==> flow/design.v <==
module core_regfile_mod #(
  parameter NWORDS = 6,
  parameter DW = 64,
  parameter ABITS = $clog2(NWORDS)
) (
  input  logic core_clk,
  input  logic nrst,
  input  logic wr_en,
  input  logic [ABITS-1:0] waddr,
  input  logic [DW-1:0] din,
  input  logic [ABITS-1:0] read_addr1,
  input  logic [ABITS-1:0] read_addr2,
  output logic [DW-1:0] rd_data1,
  output logic [DW-1:0] rd_data2
);
  logic r_wr_en;
  logic [ABITS-1:0] r_waddr;
  logic [DW-1:0] r_din;
  always_ff @(posedge core_clk) begin
    if (!nrst) begin
      r_wr_en <= 1'b0;
      r_waddr <= '0;
      r_din <= '0;
    end else begin
      r_wr_en <= wr_en;
      r_waddr <= waddr;
      r_din <= din;
    end
  end
  logic [DW-1:0] rf [0:NWORDS-1];
  always_ff @(posedge core_clk) begin
    if (!nrst) begin
      for (int n = 0; n < NWORDS; n++)
        rf[n] <= '0;
    end else if (r_wr_en) begin
      rf[r_waddr] <= r_din;
    end
  end
  logic [ABITS-1:0] r_read_addr1;
  logic [ABITS-1:0] r_read_addr2;
  always_ff @(posedge core_clk) begin
    if (!nrst) begin
      r_read_addr1 <= '0;
      r_read_addr2 <= '0;
      rd_data1 <= '0;
      rd_data2 <= '0;
    end else begin
      r_read_addr1 <= read_addr1;
      r_read_addr2 <= read_addr2;
      rd_data1 <= rf[r_read_addr1];
      rd_data2 <= rf[r_read_addr2];
    end
  end
endmodule
== Reports on core_regfile_mod ==
Tool output for the design above, in the order of the flow.
Line numbers count from 1 in the design file above.
Cell names lack the library's common part.
Not given: --

* Top module: core_regfile_mod
* Clock port: core_clk
* Cell library: sky130hd
* Library corner: tt_025C_1v80

== Elaborated design ==
Counts by Yosys on the flattened word-level netlist (proc, flatten, opt, wreduce; memories kept). Register bits leave out memories and registers merged into their read ports (data or address); mux counts leave out enables and synchronous resets folded into registers. Print and check cells are left out.
Yosys's memory passes give these memory sizes; they may raise the number of words (mostly to a power of two), join words into wider ones and drop unused or constant bits.

* Multiplexer cells: 10
* Reduce/logical cells: 3

{| class="wikitable"
|+ Operators with widths
! kind !! count
|-
| 64-bit two-way mux || 3
|-
| 64-bit OR reduction || 1
|-
| 3-bit two-way mux || 3
|-
| 1-bit two-way mux || 4
|-
| 1-bit zero test || 2
|}

* Register bits: 74
* Memories: 1
* Memory bits (writable): 512

{| class="wikitable"
|+ Memory list
! name !! depth !! bits a word !! line !! RTL
|-
| rf || 8 || 64 || 30 || <nowiki>logic [DW-1:0] rf [0:NWORDS-1];</nowiki>
|}

== Depth ==
Yosys ltp: most cells in a row. Word level: on the elaborated netlist, between registers, memories and ports. Mapped: between sequential cells and ports; inverters and the memories' decode and read muxes count.

* Depth in word-level cells: 4
* ABC_AREA: 0
* Gate-level depth with buffers: 6
* Mapped depth without buffers: 3

== Netlist ==
The flow's flattened synthesis, as Yosys stat reports it; memories are mapped. The netlist is that of the ABC_AREA named above (0 if unset); the other value can give another one.
The area totals of this step are shown rounded.

{| class="wikitable"
|+ Cell types
! type !! count !! total area (um^2)
|-
| edfxtp_1 || 512 || 1.54E+04
|-
| dfxtp_1 || 202 || 4.04E+03
|-
| mux4_2 || 128 || 2.88E+03
|-
| nor2_1 || 386 || 1,448.89
|-
| mux2_2 || 128 || 1.44E+03
|-
| mux2i_1 || 128 || 1.28E+03
|-
| a221oi_2 || 50 || 750.72
|-
| o21ai_0 || 129 || 645.619
|-
| inv_1 || 129 || 484.214
|-
| a211oi_1 || 64 || 480.461
|-
| and2_1 || 76 || 475.456
|-
| buf_2 || 65 || 325.312
|-
| nand2_1 || 70 || 262.752
|-
| clkbuf_1 || 58 || 217.709
|-
| buf_4 || 18 || 135.13
|-
| a221oi_1 || 14 || 122.618
|-
| buf_6 || 9 || 101.347
|-
| buf_12 || 5 || 100.096
|}

Not listed: further types 11, cells in them 19.

* Flip-flop cells: 714
* Buffer cells: 163
* Synthesis area: 0.0307 mm^2
* Cell count: 2,190

== Timing after synthesis ==
Path of least setup slack by OpenSTA after synthesis, without wires, with an ideal clock, recovery checks aside; 20% of the period is set as input and as output delay. Where synthesis merged equal registers, the netlist keeps one of their names.

* Path type: in2reg
* Start: input nrst
* End: memory rf[4][0]
* Data arrival time: 6,883 ps
* Launch time at the first pin: 1,776 ps
* Required time: 8,306 ps
* Path delay: 5,681 ps
* Period: 8,880 ps
* Stages on the path: 5
* Slack: 1,423 ps
* Synthesis period reached: 7,457 ps

"path delay" is the arrival time less input delay plus setup time.
"stages on the path": output pins that drive a net of the path, with the launching flip-flop's if there is one; two outputs of one cell count as two.
"synthesis period reached" is the clock period less the worst setup slack; recovery checks do not enter. This is arithmetic on one report: input and output delays are still those of the set period (20% each).
Between the ends stands the longest chain of elaborated cells between them, by number of cells; it is not shown to be the way that was timed. Of several equally long chains one is given.
A line is the first line of the expression or statement that the cell stems from. Yosys adds cells for indexed reads and writes and turns some case tables into memories.
Only ways into the end's enable, where the timed path ends, are counted here.

* Cell sequence: and2_1 > buf_2 > a21o_1 > buf_2 > o21ai_0
* Cells in the longest elaborated chain: 3

{| class="wikitable"
|+ RTL lines, path after synthesis
! element !! line !! RTL
|-
| start: declaration || 7 || <nowiki>input  logic nrst,</nowiki>
|-
| 1-bit two-way mux || 32 || <nowiki>if (!nrst) begin</nowiki>
|-
| 64-bit OR reduction || -- ||
|-
| 3-bit two-way mux || -- ||
|-
| end: declaration || 30 || <nowiki>logic [DW-1:0] rf [0:NWORDS-1];</nowiki>
|}

== Timing after layout ==
From the final timing report of flow run 1: the path of least setup slack in the routed layout; clock arrival at registers is part of the times.
The report prints the path's times to 10 ps; the period is as set.

* Path type: in2reg
* Start: input nrst
* End: memory rf[4][14]
* Data arrival time: 4,730 ps
* Launch time at the first pin: 1,710 ps
* Required time: 8,950 ps
* Stages on the path: 6
* Slack: 4,230 ps
* Period: 8,550 ps

Between the ends stands the longest chain of elaborated cells between them, by number of cells; it is not shown to be the way that was timed. Of several equally long chains one is given.

* Cell sequence: clkbuf_8 > and2_4 > buf_6 > a21o_4 > buf_4 > nor2_1
* Cells in the longest elaborated chain: 3

{| class="wikitable"
|+ RTL lines, path after layout
! element !! line !! RTL
|-
| start: declaration || 7 || <nowiki>input  logic nrst,</nowiki>
|-
| 1-bit two-way mux || 32 || <nowiki>if (!nrst) begin</nowiki>
|-
| 64-bit OR reduction || -- ||
|-
| 3-bit two-way mux || -- ||
|-
| end: declaration || 30 || <nowiki>logic [DW-1:0] rf [0:NWORDS-1];</nowiki>
|}

Data sheet: physical implementation of core_regfile_mod

core_regfile_mod through Yosys and OpenROAD on sky130hd: 3 stored runs, unordered, with their settings and measured results. The constraints put input and output delay at 20% of the set period each and load the outputs with 0.01 pF.
"critical setup path time" = time allowed to the worst setup path (clock period - input delay - output delay, where it has them) - its slack; a late launch clock adds to it, a late capture clock takes from it.
"critical setup path time" is known to 10 ps.
The results are shown rounded.

=== Flow run 1 ===
{| class="wikitable"
! Setting !! Value
|-
| period_ns || 8.55
|-
| CORE_UTILIZATION || 19
|-
| SETUP_SLACK_MARGIN || -0.19
|-
| PLACE_DENSITY_LB_ADDON || 0.13
|-
| CORE_ASPECT_RATIO || 0.76
|-
| SLEW_MARGIN || 25
|-
| CAP_MARGIN || 20
|-
| CORE_MARGIN || 2
|-
! Result !! Value
|-
| Total negative setup slack || 0 ps
|-
| Critical setup path time || 2,610 ps
|-
| Worst setup path kind || in2reg
|-
| Yosys chip area after synthesis || 0.0307 mm^2
|-
| Setup slack of the worst path || 4,230 ps
|-
| Standard-cell area after layout || 0.038 mm^2
|-
| Die size || 0.165 mm^2
|}

=== Flow run 2 ===
{| class="wikitable"
! Setting !! Value
|-
| period_ns || 8.88
|-
| CAP_MARGIN || 20
|-
| CORE_MARGIN || 2
|-
| CORE_UTILIZATION || 40
|-
| SLEW_MARGIN || 20
|-
! Result !! Value
|-
| Total negative setup slack || 0 ps
|-
| Critical setup path time || 3,390 ps
|-
| Worst setup path kind || in2reg
|-
| Yosys chip area after synthesis || 0.0307 mm^2
|-
| Setup slack of the worst path || 3,710 ps
|-
| Standard-cell area after layout || 0.0361 mm^2
|-
| Die size || 0.079 mm^2
|}

=== Flow run 3 ===
{| class="wikitable"
! Setting !! Value
|-
| period_ns || 5.29
|-
| CORE_UTILIZATION || 67
|-
| PLACE_DENSITY_LB_ADDON || 0.01
|-
| CORE_MARGIN || 2
|-
| CELL_PAD_IN_SITES_DETAIL_PLACEMENT || 1
|-
| GPL_TIMING_DRIVEN || 0
|-
| GPL_ROUTABILITY_DRIVEN || 1
|-
| CAP_MARGIN || 20
|-
| SLEW_MARGIN || 20
|}
No results, clock tree synthesis failed with DPL-0033.
